==> flow/design.v <==
module my_multiplier #(
  parameter W = 10,
  parameter MULT_BY = 1445,
  parameter OUT_W = W + $clog2(MULT_BY + 1)
) (
  input  aclk,
  input  [W-1:0] lhs,
  output [OUT_W-1:0] out
);
  reg [W-1:0] r_lhs;
  always @(posedge aclk)
    r_lhs <= lhs;
  assign out = r_lhs * MULT_BY;
endmodule
Tool chain data of my_multiplier
The steps from the RTL of my_multiplier to its reports follow in flow order.
Lines are those of the file above, counted from 1.
Cell names lack the library's common part.
{ "setup": {"top_module": "my_multiplier", "clock": "aclk", "library": "sky130hd", "pvt_corner": "tt_025C_1v80"} }

Word level
Yosys after proc, flatten, opt, wreduce and memory -nomap, before mapping. Enables and synchronous resets that opt folds into registers are not counted as muxes. Memory bits, and registers merged into a memory's read port (data or address), are not among the register bits. Print and check cells are not counted. Equal cells are merged and count once.
{ "bits": {"ff_bits": 10, "in_bits": 11} }
{ "op_classes": {"multipliers": 1} }
{ "op_table": {"columns": ["operator", "count"], "rows": [
  ["multiplier 10 x 11 -> 21 bit with constant B", 1]
]} }

Depth
Longest topological path by Yosys (ltp), each cell counted once; first at word level (registers and memories cut), then after technology mapping (sequential cells cut; the memories' decode and read muxes count).
{ "logic_depth": {"ltp_word": 1, "abc_area": 0, "depth_mapped": 15, "depth_no_buf": 14} }

After synthesis
Source: synth_stat.txt of the flow (Yosys; design flattened, memories mapped). It holds for the ABC_AREA given above (unset counts as 0); a run with the other value may have another netlist.
{ "types": {"columns": ["type", "count", "area_total_um2"], "rows": [
  ["ha_1", 69, 863.328],
  ["fa_1", 20, 400.384],
  ["dfxtp_1", 10, 200.192],
  ["inv_1", 37, 138.883],
  ["xor2_1", 10, 87.584],
  ["xnor2_1", 7, 61.309],
  ["a21oi_1", 12, 60.058],
  ["o21ai_0", 10, 50.048],
  ["nand2_1", 9, 33.782],
  ["nor2_1", 9, 33.782],
  ["a21oi_2", 3, 26.275],
  ["a211oi_2", 2, 25.024],
  ["buf_4", 3, 22.522],
  ["o21bai_2", 2, 22.522],
  ["a22oi_4", 1, 21.27],
  ["mux2i_1", 2, 20.019],
  ["o21ai_1", 4, 20.019],
  ["nand4_1", 3, 18.768]
]} }
Not listed: further types 18, cells in them 24.
{ "synth_totals": {"flip_flops": 10, "synth_area_um2": 2280.9, "mapped_cells": 237, "seqArea_um2": 200.2} }

Path before layout
OpenSTA on the mapped netlist: ideal clock, no wires. The path of least setup slack (recovery checks aside). Input and output delay are each 20% of the period. Register names are those of the netlist, which keeps one name where synthesis merged equal registers.
{ "synth_timing": {"path_type": "flip-flop to output port", "start": "reg r_lhs[9]", "end": "out out[19]", "t_first_pin_ns": 0.000, "setup_slack_ns": 1.044, "clock_period_ns": 6.53, "path_buffers": 1, "stages": 16, "t_arrival_ns": 4.180, "path_delay_ns": 4.180, "required_time_ns": 5.224, "period_less_setup_slack_ns": 5.486} }
"path_delay_ns" is the arrival time less input delay plus setup time.
At an output port there is no setup time.
"stages" counts driving pins, that of a launching flip-flop among them; a cell with two outputs on the path counts twice.
"period_less_setup_slack_ns" = period - worst setup slack (recovery checks aside). The figure is calculated, with input and output delays left at 20% of the set period.
The rows between start and end are the longest chain of elaborated cells between them; the timing report does not say that the signal goes this way. Where chains are equally long, one stands for them.
A line is the first line of the expression or statement that the cell stems from. Yosys adds cells for indexed reads and writes and turns some case tables into memories.
{ "synth_between": {"path_cell_list": "dfxtp_1 ha_1 xor2_1 ha_1 fa_1 inv_1 fa_1 inv_1 fa_1 ha_1 buf_2 a21oi_1 o211ai_2 a22oi_4 mux2_4 a211oi_2", "elab_chain_len": 1} }
{ "synth_lines": {"columns": ["element", "line_no", "source"], "rows": [
  ["start, declared", 10, "reg [W-1:0] r_lhs;"],
  ["start, assigned", 12, "r_lhs <= lhs;"],
  ["multiplier 10 x 11 -> 21 bit", 13, "assign out = r_lhs * MULT_BY;"],
  ["end, declared", 8, "output [OUT_W-1:0] out"]
]} }

Timing after layout
Path of least setup slack in the final report of run B (OpenROAD, finished layout, wires in). Where an end is a register, its clock arrival counts in the times.
{ "layout_timing": {"path_type": "flip-flop to output port", "start": "reg r_lhs[7]", "end": "out out[19]", "path_buffers": 1, "t_first_pin_ns": 0.24, "required_time_ns": 3.53, "setup_slack_ns": -0.64, "stages": 16, "clock_period_ns": 4.41, "t_arrival_ns": 4.17} }
The rows between start and end are the longest chain of elaborated cells between them; the timing report does not say that the signal goes this way. Where chains are equally long, one stands for them.
{ "layout_between": {"path_cell_list": "dfxtp_4 ha_4 xor2_2 ha_1 fa_1 inv_1 fa_1 inv_2 fa_1 ha_4 a21oi_4 o211ai_2 a22oi_4 mux2_4 a211oi_4 buf_2", "elab_chain_len": 1} }
{ "layout_lines": {"columns": ["element", "line_no", "source"], "rows": [
  ["start, declared", 10, "reg [W-1:0] r_lhs;"],
  ["start, assigned", 12, "r_lhs <= lhs;"],
  ["multiplier 10 x 11 -> 21 bit", 13, "assign out = r_lhs * MULT_BY;"],
  ["end, declared", 8, "output [OUT_W-1:0] out"]
]} }

Hand-over note for my_multiplier

Design my_multiplier on sky130hd. What follows are 3 stored runs of the flow, each under its own settings; their order means nothing. The constraints put input and output delay at 20% of the set period each and load the outputs with 0.01 pF.
"achieved clock period (ns)": clock period set for the run, less the worst setup slack. It is reckoned from that one timing run; input and output delays stay at 20% of the period that was set.
By "worst setup path time (ns)" is meant the share of the clock period that the worst setup path is allowed (20% is reserved at inputs, 20% at outputs), minus its slack. Clock arrival times at its registers enter into it.
By "finish__power__total" is meant OpenSTA's value without simulated activity: inputs other than the clock are taken to toggle once in ten clock periods, and the tool carries that through the logic.

settings of run A
{
  "period_ns": 3.22,
  "CORE_UTILIZATION": 61,
  "PLACE_DENSITY_LB_ADDON": 0.25,
  "CORE_ASPECT_RATIO": 0.7,
  "CELL_PAD_IN_SITES_GLOBAL_PLACEMENT": 3,
  "TNS_END_PERCENT": 20,
  "ABC_AREA": 0,
  "GPL_TIMING_DRIVEN": 0,
  "CTS_CLUSTER_DIAMETER": 26,
  "CAP_MARGIN": 0,
  "MAX_ROUTING_LAYER": "met4",
  "CORE_MARGIN": 2,
  "SLEW_MARGIN": 20
}
report of run A: did not finish, place, FLW-0024

settings of run B
{
  "period_ns": 4.41,
  "CORE_UTILIZATION": 41,
  "SETUP_SLACK_MARGIN": 1.09,
  "CORE_ASPECT_RATIO": 0.94,
  "CELL_PAD_IN_SITES_GLOBAL_PLACEMENT": 1,
  "CTS_CLUSTER_SIZE": 52,
  "CTS_CLUSTER_DIAMETER": 382,
  "SLEW_MARGIN": 15,
  "CAP_MARGIN": 20,
  "CORE_MARGIN": 2
}
report of run B
yosys chip area after synthesis (um^2): 2280.9
finish__design__die__area: 6176.2
finish__design__instance__area__stdcell: 3738.6
finish__design__instance__utilization: 0.6923
finish__timing__setup__ws: -0.643
finish__timing__setup__tns: -4.728
finish__timing__hold__ws: 1.077
finish__power__total: 2.513e-03
achieved clock period (ns): 5.053
worst setup path time (ns): 4.17
worst setup path kind: flip-flop to output port

settings of run C
{
  "period_ns": 6.53,
  "CAP_MARGIN": 20,
  "CORE_MARGIN": 2,
  "CORE_UTILIZATION": 40,
  "SLEW_MARGIN": 20
}
report of run C
yosys chip area after synthesis (um^2): 2280.9
finish__design__die__area: 6322.6
finish__design__instance__area__stdcell: 2701.3
finish__design__instance__utilization: 0.4906
finish__timing__setup__ws: 0.200
finish__timing__setup__tns: 0.000
finish__timing__hold__ws: 1.523
finish__power__total: 1.216e-03
achieved clock period (ns): 6.330
worst setup path time (ns): 5.02
worst setup path kind: flip-flop to output port

End of note.
